==> flow/design.v <==
module full_adder (
  input logic a,
  input logic b,
  input logic ci,
  output logic s,
  output logic co
);
  assign {co, s} = a + b + ci;
endmodule
module u_add_sub_stage #(
  parameter WD = 6
) (
  input  logic clk,
  input  logic [WD-1:0] A,
  input  logic [WD-1:0] B,
  input  logic dir,
  output logic [WD-1:0] diff,
  output logic cout
);
  logic [WD-1:0] A_s;
  logic [WD-1:0] B_s;
  logic dir_s;
  always_ff @(posedge clk) begin
    A_s <= A;
    B_s <= B;
    dir_s <= dir;
  end
  logic [WD-1:0] tmp;
  logic [WD:0] cy;
  assign cy[0] = dir_s;
  generate
    for (genvar ii = 0; ii < WD; ii++) begin : g_bit
      full_adder inst (.a(A_s[ii]), .b(B_s[ii] ^ dir_s), .ci(cy[ii]), .s(tmp[ii]), .co(cy[ii+1]));
    end
  endgenerate
  assign diff = tmp;
  assign cout = cy[WD];
endmodule
Ticket comment

* Step by step through the tools: u_add_sub_stage
Module u_add_sub_stage in several versions that differ in "WD"; each step lists the members.
The file above is the member WD = 6. Line numbers count from 1 in each member's own file.
Operators carry their Yosys type and port widths (W data, S select, Z words).
Not given: --
- Top module :: u_add_sub_stage
- Clock input :: clk
- Library :: sky130hd
- Timing corner :: tt_025C_1v80

* Source of the members
Lines of each other member's file that are new or changed against the file above; lines that a member lacks are not shown.
** Lines new or changed
- WD 18 :: line 11 : parameter WD = 18
- WD 36 :: line 11 : parameter WD = 36
- WD 96 :: line 11 : parameter WD = 96

* Elaborated design
Counts by Yosys on the flattened word-level netlist (proc, flatten, opt, wreduce; memories kept). Register bits leave out memories and registers merged into their read ports (data or address); mux counts leave out enables and synchronous resets folded into registers. Print and check cells are left out. Cells with the same type and inputs are merged into one.
** Storage and ports
- WD 6 :: register bits 13, bits in latches 0, bits in writable memories 0, memory bits (read-only) 0, clocked read ports x word width 0, memory cells 0, input port bits 14, output and inout port bits 7, word-level cells 21
- WD 18 :: register bits 37, bits in latches 0, bits in writable memories 0, memory bits (read-only) 0, clocked read ports x word width 0, memory cells 0, input port bits 38, output and inout port bits 19, word-level cells 57
- WD 36 :: register bits 73, bits in latches 0, bits in writable memories 0, memory bits (read-only) 0, clocked read ports x word width 0, memory cells 0, input port bits 74, output and inout port bits 37, word-level cells 111
- WD 96 :: register bits 193, bits in latches 0, bits in writable memories 0, memory bits (read-only) 0, clocked read ports x word width 0, memory cells 0, input port bits 194, output and inout port bits 97, word-level cells 291
** Operators by class
- WD 6 :: add/subtract/negate cells 12, multiply operators 0, divide/modulo/power cells 0, magnitude comparators 0, equal/unequal tests 0, shift operators 0, mux-type cells 0, bitwise operators 6, reduce/logical cells 0
- WD 18 :: add/subtract/negate cells 36, multiply operators 0, divide/modulo/power cells 0, magnitude comparators 0, equal/unequal tests 0, shift operators 0, mux-type cells 0, bitwise operators 18, reduce/logical cells 0
- WD 36 :: add/subtract/negate cells 72, multiply operators 0, divide/modulo/power cells 0, magnitude comparators 0, equal/unequal tests 0, shift operators 0, mux-type cells 0, bitwise operators 36, reduce/logical cells 0
- WD 96 :: add/subtract/negate cells 192, multiply operators 0, divide/modulo/power cells 0, magnitude comparators 0, equal/unequal tests 0, shift operators 0, mux-type cells 0, bitwise operators 96, reduce/logical cells 0
** Operators with widths (kind and count)
- WD 6 :: 6 x $add A1 B1 Y2; 6 x $add A2 B1 Y2; 6 x $xor A1 B1 Y1
- WD 18 :: 18 x $add A1 B1 Y2; 18 x $add A2 B1 Y2; 18 x $xor A1 B1 Y1
- WD 36 :: 36 x $add A1 B1 Y2; 36 x $add A2 B1 Y2; 36 x $xor A1 B1 Y1
- WD 96 :: 96 x $add A1 B1 Y2; 96 x $add A2 B1 Y2; 96 x $xor A1 B1 Y1

* Logic depth
Longest topological path by Yosys (ltp), each cell counted once; first at word level (registers and memories cut), then after technology mapping (sequential cells cut; the memories' decode and read muxes count).
** Depth
- WD 6 :: word-level depth 8, ABC_AREA 0, mapped depth 10, depth with buffers taken out 8
- WD 18 :: word-level depth 20, ABC_AREA 0, mapped depth 22, depth with buffers taken out 20
- WD 36 :: word-level depth 38, ABC_AREA 0, mapped depth 40, depth with buffers taken out 38
- WD 96 :: word-level depth 98, ABC_AREA 0, mapped depth 101, depth with buffers taken out 98

* After synthesis
Yosys stat after the flow's synthesis: flattened, memories mapped to cells. It holds for the ABC_AREA given above (unset counts as 0); a run with the other value may have another netlist.
Totals and module areas in this step are rounded.
** Mapped netlist
- WD 6 :: cells in the netlist 40, mapped area 510 um2, sequential area 260 um2, flip-flops 13, buffer cells 7
- WD 18 :: cells in the netlist 125, mapped area 1500 um2, sequential area 740 um2, flip-flops 37, buffer cells 20
- WD 36 :: cells in the netlist 253, mapped area 3100 um2, sequential area 1500 um2, flip-flops 73, buffer cells 40
- WD 96 :: cells in the netlist 680, mapped area 8200 um2, sequential area 3900 um2, flip-flops 193, buffer cells 107
** Cells by type (type and count)
- WD 6 :: 13 x sky130_fd_sc_hd__dfxtp_1; 5 x sky130_fd_sc_hd__fa_1; 6 x sky130_fd_sc_hd__buf_4; 8 x sky130_fd_sc_hd__inv_1; 3 x sky130_fd_sc_hd__xnor2_1; 3 x sky130_fd_sc_hd__xor2_1; 1 x sky130_fd_sc_hd__buf_6; 1 x sky130_fd_sc_hd__mux2_2
- WD 18 :: 37 x sky130_fd_sc_hd__dfxtp_1; 17 x sky130_fd_sc_hd__fa_1; 18 x sky130_fd_sc_hd__buf_4; 15 x sky130_fd_sc_hd__xnor2_1; 32 x sky130_fd_sc_hd__inv_1; 3 x sky130_fd_sc_hd__xor2_1; 1 x sky130_fd_sc_hd__buf_12; 1 x sky130_fd_sc_hd__buf_6; 1 x sky130_fd_sc_hd__mux2_2
- WD 36 :: 73 x sky130_fd_sc_hd__dfxtp_1; 35 x sky130_fd_sc_hd__fa_1; 31 x sky130_fd_sc_hd__xnor2_1; 36 x sky130_fd_sc_hd__buf_4; 68 x sky130_fd_sc_hd__inv_1; 3 x sky130_fd_sc_hd__buf_12; 2 x sky130_fd_sc_hd__xnor2_2; 3 x sky130_fd_sc_hd__xor2_1; 1 x sky130_fd_sc_hd__buf_6; 1 x sky130_fd_sc_hd__mux2_2
- WD 96 :: 193 x sky130_fd_sc_hd__dfxtp_1; 95 x sky130_fd_sc_hd__fa_1; 93 x sky130_fd_sc_hd__xnor2_1; 101 x sky130_fd_sc_hd__buf_4; 188 x sky130_fd_sc_hd__inv_1; 4 x sky130_fd_sc_hd__buf_8; 3 x sky130_fd_sc_hd__xor2_1; 2 x sky130_fd_sc_hd__buf_6; 1 x sky130_fd_sc_hd__mux2_2
The figures by module come from a second, unflattened synthesis with its own total; it is not the netlist above.
** Unflattened totals
- WD 6 :: cells (unflattened synthesis) 26, area (unflattened synthesis) 440 um2
- WD 18 :: cells (unflattened synthesis) 75, area (unflattened synthesis) 1300 um2
- WD 36 :: cells (unflattened synthesis) 149, area (unflattened synthesis) 2600 um2
- WD 96 :: cells (unflattened synthesis) 396, area (unflattened synthesis) 6800 um2

* Timing after synthesis
OpenSTA on the mapped netlist: ideal clock, no wires. The path of least setup slack (recovery checks aside). Input and output delay are each 20% of the period. Register names are those of the netlist, which keeps one name where synthesis merged equal registers.
** Timing path post-synthesis
- WD 6 :: kind register to output, start register dir_s, end output diff[5], clock period 4120 ps, setup slack 659 ps, stages 11, path delay 2637 ps, period reached after synthesis 3461 ps
- WD 18 :: kind register to output, start register dir_s, end output diff[17], clock period 12000 ps, setup slack 1896 ps, stages 23, path delay 7704 ps, period reached after synthesis 10104 ps
- WD 36 :: kind register to output, start register dir_s, end output diff[35], clock period 23900 ps, setup slack 3850 ps, stages 41, path delay 15270 ps, period reached after synthesis 20050 ps
- WD 96 :: kind register to output, start register dir_s, end output diff[95], clock period 63300 ps, setup slack 10108 ps, stages 102, path delay 40532 ps, period reached after synthesis 53192 ps
"path delay" is the arrival time less input delay plus setup time.
A path that ends at an output port has no setup time.
"stages": output pins that drive a net of the path, with the launching flip-flop's if there is one; two outputs of one cell count as two.
"period reached after synthesis" = period - worst setup slack (recovery checks aside). The figure is calculated, with input and output delays left at 20% of the set period.
Between the ends stands the longest chain of elaborated cells between them, by number of cells; it is not shown to be the way that was timed. Of several equally long chains one is given.
Each line given opens the expression or statement behind the cell; cells for indexed reads and writes are added by Yosys, which also makes memories of some case tables.
Between the ends, post-synthesis, WD = 6:
- Length of the longest elaborated chain :: 8
** Ends and longest elaborated chain, post-synthesis, WD = 6
- start: declaration :: line 22 : logic dir_s;
- start: assignment :: line 26 : dir_s <= dir;
- $xor A1 B1 Y1 :: line 33 : full_adder inst (.a(A_s[ii]), .b(B_s[ii] ^ dir_s), .ci(cy[ii]), .s(tmp[ii]), .co(cy[ii+1]));
- $add A1 B1 Y2 :: line 8 : assign {co, s} = a + b + ci;
- $add A2 B1 Y2 x6 :: line 8
- end: declaration :: line 17 : output logic [WD-1:0] diff,
Between the ends, post-synthesis, WD = 96:
- Length of the longest elaborated chain :: 98
** Ends and longest elaborated chain, post-synthesis, WD = 96
- start: declaration :: line 22 : logic dir_s;
- start: assignment :: line 26 : dir_s <= dir;
- $xor A1 B1 Y1 :: line 33 : full_adder inst (.a(A_s[ii]), .b(B_s[ii] ^ dir_s), .ci(cy[ii]), .s(tmp[ii]), .co(cy[ii+1]));
- $add A1 B1 Y2 :: line 8 : assign {co, s} = a + b + ci;
- $add A2 B1 Y2 x96 :: line 8
- end: declaration :: line 17 : output logic [WD-1:0] diff,

* Worst path after layout
From the final timing report of each member's run: the path of least setup slack in the routed layout; clock arrival at registers is part of the times.
The path's times are printed in steps of 10 ps; the period is the one set.
** Timing path post-layout
- WD 6 :: kind register to output, start register B_s[0], end output diff[5], clock period 4120 ps, setup slack 200 ps, stages 10, arrival 3100 ps, buffers on the path 1
- WD 18 :: kind register to output, start register dir_s, end output diff[17], clock period 12000 ps, setup slack 940 ps, stages 22, arrival 8660 ps, buffers on the path 1
- WD 36 :: kind register to output, start register dir_s, end output diff[35], clock period 23900 ps, setup slack 2650 ps, stages 39, arrival 16470 ps, buffers on the path 2
- WD 96 :: kind register to output, start register dir_s, end output diff[95], clock period 63300 ps, setup slack 8020 ps, stages 98, arrival 42620 ps, buffers on the path 2

* Layout results
One run of the flow (Yosys, OpenROAD) for each member, with settings and measured results. Input and output delays are each 20% of the period that was set; the output load is 0.01 pF.
- CAP_MARGIN :: 20
- CORE_MARGIN :: 2
- CORE_UTILIZATION :: 40
- SLEW_MARGIN :: 20
** Settings by member (period_ns)
- WD 6 :: 4.12
- WD 18 :: 12.0
- WD 36 :: 23.9
- WD 96 :: 63.3
** Results
- WD 6 :: area of the synthesized netlist 510 um2, die size 1600 um2, std-cell area (final layout) 720 um2, utilization in the final report 0.62, smallest setup slack 200 ps, total negative slack 0 ps, worst hold slack after layout 980 ps, total power after layout 290 uW, period achieved 3924 ps
- WD 18 :: area of the synthesized netlist 1500 um2, die size 4400 um2, std-cell area (final layout) 2100 um2, utilization in the final report 0.57, smallest setup slack 940 ps, total negative slack 0 ps, worst hold slack after layout 2600 ps, total power after layout 310 uW, period achieved 11057 ps
- WD 36 :: area of the synthesized netlist 3100 um2, die size 8500 um2, std-cell area (final layout) 4200 um2, utilization in the final report 0.55, smallest setup slack 2600 ps, total negative slack 0 ps, worst hold slack after layout 4900 ps, total power after layout 320 uW, period achieved 21254 ps
- WD 96 :: area of the synthesized netlist 8200 um2, die size 22000 um2, std-cell area (final layout) 11000 um2, utilization in the final report 0.55, smallest setup slack 8000 ps, total negative slack 0 ps, worst hold slack after layout 13000 ps, total power after layout 330 uW, period achieved 55276 ps
"period achieved" = clock period - worst setup slack. The figure is calculated, with input and output delays left at 20% of the set period.
"total power after layout" is the tool's figure for a default switching activity; nothing was simulated.
The results are shown rounded.
